==> flow/design.v <==
module times_top #(
    parameter WIDTH = 10
) (
    input  wire clk_i,
    input  wire [WIDTH-1:0] dataa,
    input  wire [WIDTH-1:0] datab,
    output wire [2*WIDTH-1:0] result
);
    reg [WIDTH-1:0] dataa_ff;
    always @(posedge clk_i)
        dataa_ff <= dataa;
    reg [WIDTH-1:0] datab_ff;
    always @(posedge clk_i)
        datab_ff <= datab;
    reg [2*WIDTH-1:0] result_ff;
    always @(posedge clk_i)
        result_ff <= dataa_ff * datab_ff;
    assign result = result_ff;
endmodule
[Tool chain data of times_top]
Tool output for the design above, in the order of the flow.
Lines are those of the file above, counted from 1.
Cell names lack the library's common part.
Not given: n/a
Inputs
  top: times_top
  clock: clk_i
  library: sky130hd
  library corner: tt_025C_1v80

[After elaboration]
Yosys after proc, flatten, opt, wreduce and memory -nomap, before mapping. Enables and synchronous resets that opt folds into registers are not counted as muxes. Memory bits, and registers merged into a memory's read port (data or address), are not among the register bits. Print and check cells are not counted. Equal cells are merged and count once.
Operators by class
  $mul: 1
Operators with widths (number)
  10-bit by 10-bit multiplier with 20-bit output: 1
Word-level totals
  bits in registers: 40
  bits of input ports: 21
  output and inout bits: 20
  word-level cells: 4

[Longest topological paths]
Longest topological path by Yosys (ltp), each cell counted once; first at word level (registers and memories cut), then after technology mapping (sequential cells cut; the memories' decode and read muxes count).
Logic depth
  depth after elaboration: 1
  ABC_AREA: 0
  mapped depth: 19
  mapped depth without buffers: 18

[Mapped cells and area]
The flow's flattened synthesis, as Yosys stat reports it; memories are mapped. The netlist is that of the ABC_AREA named above (0 if unset); the other value can give another one.
Cells by type
  fa_1: number 62, total area 1241.19 sq um
  dfxtp_1: number 40, total area 800.768 sq um
  ha_1: number 55, total area 688.16 sq um
  and2_1: number 51, total area 319.056 sq um
  inv_1: number 72, total area 270.259 sq um
  nand2_1: number 57, total area 213.955 sq um
  xor2_1: number 9, total area 78.826 sq um
  xnor2_1: number 8, total area 70.067 sq um
  clkbuf_1: number 17, total area 63.811 sq um
  a21oi_1: number 10, total area 50.048 sq um
  a21o_1: number 5, total area 37.536 sq um
  a31oi_1: number 6, total area 37.536 sq um
  o21ai_0: number 6, total area 30.029 sq um
  nor2_1: number 6, total area 22.522 sq um
  nand3_1: number 4, total area 20.019 sq um
  nand4_1: number 3, total area 18.768 sq um
  a21oi_2: number 2, total area 17.517 sq um
  a211oi_1: number 2, total area 15.014 sq um
Other cell types: 12; their cells: 15.
Mapped netlist
  cells in the netlist: 430
  mapped area: 4112.7 sq um
  sequential part of the area: 800.8 sq um
  mapped flip-flops: 40
  buffer cells: 17

[Worst setup path after synthesis]
Path of least setup slack by OpenSTA after synthesis, without wires, with an ideal clock, recovery checks aside; 20% of the period is set as input and as output delay. Where synthesis merged equal registers, the netlist keeps one of their names.
Path post-synthesis
  path type: register to register
  start point: register dataa_ff[5]
  end point: register result_ff[16]
  clock period: 5.77 ns
  library setup time: 0.062 ns
  launch time at the first pin: 0.000 ns
  data arrival time: 4.553 ns
  data required time: 5.708 ns
  path slack: 1.155 ns
  delay of the path: 4.615 ns
  driving pins on the path: 18
  buffers on the path: 1
  synthesis period reached: 4.615 ns
"delay of the path" = arrival - input delay + setup time.
"driving pins on the path": output pins that drive a net of the path, with the launching flip-flop's if there is one; two outputs of one cell count as two.
"synthesis period reached" is the clock period less the worst setup slack; recovery checks do not enter. This is arithmetic on one report: input and output delays are still those of the set period (20% each).
The rows between start and end are the longest chain of elaborated cells between them; the timing report does not say that the signal goes this way. Where chains are equally long, one stands for them.
Each line given opens the expression or statement behind the cell; cells for indexed reads and writes are added by Yosys, which also makes memories of some case tables.
On the way, post-synthesis
  cells stage by stage: dfxtp_1 -> clkbuf_1 -> nand2_1 -> fa_1 -> inv_1 -> fa_1 -> ha_1 -> fa_1 -> inv_1 -> fa_1 -> inv_1 -> ha_1 -> a21oi_2 -> o21ai_1 -> a21oi_2 -> o211ai_2 -> or4b_1 -> nand3_1
  cells in the longest elaborated chain: 1
  elaborated cells between the ends (all ways): 1
  source lines of those cells: 1
  classes of those cells: mul: 1
RTL lines, path post-synthesis
  start: declaration: RTL line 9  | reg [WIDTH-1:0] dataa_ff;
  start: assignment: RTL line 11  | dataa_ff <= dataa;
  10-bit by 10-bit multiplier with 20-bit output: RTL line 17  | result_ff <= dataa_ff * datab_ff;
  end: assignment: RTL line 17
  end: declaration: RTL line 15  | reg [2*WIDTH-1:0] result_ff;

[Path in the finished layout]
Path of least setup slack in the final report of stored run 1 (OpenROAD, finished layout, wires in). Where an end is a register, its clock arrival counts in the times.
Path post-layout
  path type: register to register
  start point: register dataa_ff[6]
  end point: register result_ff[19]
  clock period: 6.99 ns
  library setup time: 0.11 ns
  launch time at the first pin: 0.28 ns
  data arrival time: 5.24 ns
  data required time: 7.16 ns
  path slack: 1.92 ns
  driving pins on the path: 18
  buffers on the path: 0
The rows between start and end are the longest chain of elaborated cells between them; the timing report does not say that the signal goes this way. Where chains are equally long, one stands for them.
On the way, post-layout
  cells stage by stage: dfxtp_1 -> nand2_1 -> fa_1 -> inv_1 -> fa_1 -> inv_1 -> fa_1 -> inv_1 -> fa_1 -> inv_1 -> fa_1 -> inv_1 -> ha_1 -> a21oi_1 -> o21ai_0 -> o211ai_1 -> a31oi_1 -> xnor2_1
  cells in the longest elaborated chain: 1
  elaborated cells between the ends (all ways): 1
  source lines of those cells: 1
  classes of those cells: mul: 1
RTL lines, path post-layout
  start: declaration: RTL line 9  | reg [WIDTH-1:0] dataa_ff;
  start: assignment: RTL line 11  | dataa_ff <= dataa;
  10-bit by 10-bit multiplier with 20-bit output: RTL line 17  | result_ff <= dataa_ff * datab_ff;
  end: assignment: RTL line 17
  end: declaration: RTL line 15  | reg [2*WIDTH-1:0] result_ff;

Record of 3 stored runs of the RTL-to-layout flow on times_top, platform sky130hd. The runs are unordered. Constraints: input delay and output delay 20% of the set period each, output load 0.01 pF.
"achieved clock period (ns)" = clock period - worst setup slack. The figure is calculated, with input and output delays left at 20% of the set period.
"worst setup path time (ns)" = time allowed to the worst setup path (clock period - input delay - output delay, where it has them) - its slack; a late launch clock adds to it, a late capture clock takes from it.

Flow files of stored run 1
==> flow/run.sh <==
#!/bin/bash
# the make line also repeats the synthesis and layout settings of config.mk as NAME=value (left out here)
make -C /OpenROAD-flow-scripts/flow DESIGN_CONFIG=/design/flow/config.mk WORK_HOME=/design/flow/orfs CLKGATE_MAP_FILE= finish
==> flow/config.mk <==
export PLATFORM = sky130hd
export DESIGN_NAME = times_top
export DESIGN_NICKNAME = times_top
export VERILOG_FILES = /design/flow/design.v
export SDC_FILE = /design/flow/constraint.sdc
export NUM_CORES = 4
export LEC_CHECK = 0
export CAP_MARGIN = 20
export CELL_PAD_IN_SITES_GLOBAL_PLACEMENT = 1
export CORE_MARGIN = 2
export CORE_UTILIZATION = 23
export CTS_CLUSTER_SIZE = 25
export MAX_ROUTING_LAYER = met4
export MIN_ROUTING_LAYER = met1
export PLACE_DENSITY_LB_ADDON = 0.29
export SETUP_SLACK_MARGIN = 1.11
export SLEW_MARGIN = 20
export TNS_END_PERCENT = 40
==> flow/constraint.sdc <==
create_clock -name core_clock -period 6.99 [get_ports {clk_i}]
set_input_delay 1.3980 -clock core_clock [delete_from_list [all_inputs] [get_ports {clk_i}]]
set_output_delay 1.3980 -clock core_clock [all_outputs]
set_load 0.01 [all_outputs]

report of stored run 1
yosys chip area after synthesis (um^2): 4112.7
finish__design__die__area: 18966.8
finish__design__instance__utilization: 0.2815
finish__timing__setup__ws: 1.922
finish__timing__setup__tns: 0.000
achieved clock period (ns): 5.068
worst setup path time (ns): 5.07
worst setup path kind: register to register

Flow files of stored run 2
==> flow/run.sh <==
#!/bin/bash
# the make line also repeats the synthesis and layout settings of config.mk as NAME=value (left out here)
make -C /OpenROAD-flow-scripts/flow DESIGN_CONFIG=/design/flow/config.mk WORK_HOME=/design/flow/orfs CLKGATE_MAP_FILE= finish
==> flow/config.mk <==
export PLATFORM = sky130hd
export DESIGN_NAME = times_top
export DESIGN_NICKNAME = times_top
export VERILOG_FILES = /design/flow/design.v
export SDC_FILE = /design/flow/constraint.sdc
export NUM_CORES = 4
export LEC_CHECK = 0
export CAP_MARGIN = 10
export CELL_PAD_IN_SITES_GLOBAL_PLACEMENT = 0
export CORE_MARGIN = 2
export CORE_UTILIZATION = 47
export CTS_CLUSTER_SIZE = 59
export GPL_TIMING_DRIVEN = 1
export MAX_ROUTING_LAYER = met4
export PLACE_DENSITY = 0.4
export SLEW_MARGIN = 20
==> flow/constraint.sdc <==
create_clock -name core_clock -period 7.22 [get_ports {clk_i}]
set_input_delay 1.4440 -clock core_clock [delete_from_list [all_inputs] [get_ports {clk_i}]]
set_output_delay 1.4440 -clock core_clock [all_outputs]
set_load 0.01 [all_outputs]

report of stored run 2
yosys chip area after synthesis (um^2): 4112.7
finish__design__die__area: 9515.0
finish__design__instance__utilization: 0.5476
finish__timing__setup__ws: 2.285
finish__timing__setup__tns: 0.000
achieved clock period (ns): 4.935
worst setup path time (ns): 4.94
worst setup path kind: register to register

Flow files of stored run 3
==> flow/run.sh <==
#!/bin/bash
# the make line also repeats the synthesis and layout settings of config.mk as NAME=value (left out here)
make -C /OpenROAD-flow-scripts/flow DESIGN_CONFIG=/design/flow/config.mk WORK_HOME=/design/flow/orfs CLKGATE_MAP_FILE= finish
==> flow/config.mk <==
export PLATFORM = sky130hd
export DESIGN_NAME = times_top
export DESIGN_NICKNAME = times_top
export VERILOG_FILES = /design/flow/design.v
export SDC_FILE = /design/flow/constraint.sdc
export NUM_CORES = 4
export LEC_CHECK = 0
export CAP_MARGIN = 20
export CORE_MARGIN = 2
export CORE_UTILIZATION = 40
export SLEW_MARGIN = 20
==> flow/constraint.sdc <==
create_clock -name core_clock -period 5.77 [get_ports {clk_i}]
set_input_delay 1.1540 -clock core_clock [delete_from_list [all_inputs] [get_ports {clk_i}]]
set_output_delay 1.1540 -clock core_clock [all_outputs]
set_load 0.01 [all_outputs]

report of stored run 3
yosys chip area after synthesis (um^2): 4112.7
finish__design__die__area: 11109.2
finish__design__instance__utilization: 0.4677
finish__timing__setup__ws: 0.824
finish__timing__setup__tns: 0.000
achieved clock period (ns): 4.946
worst setup path time (ns): 4.95
worst setup path kind: register to register
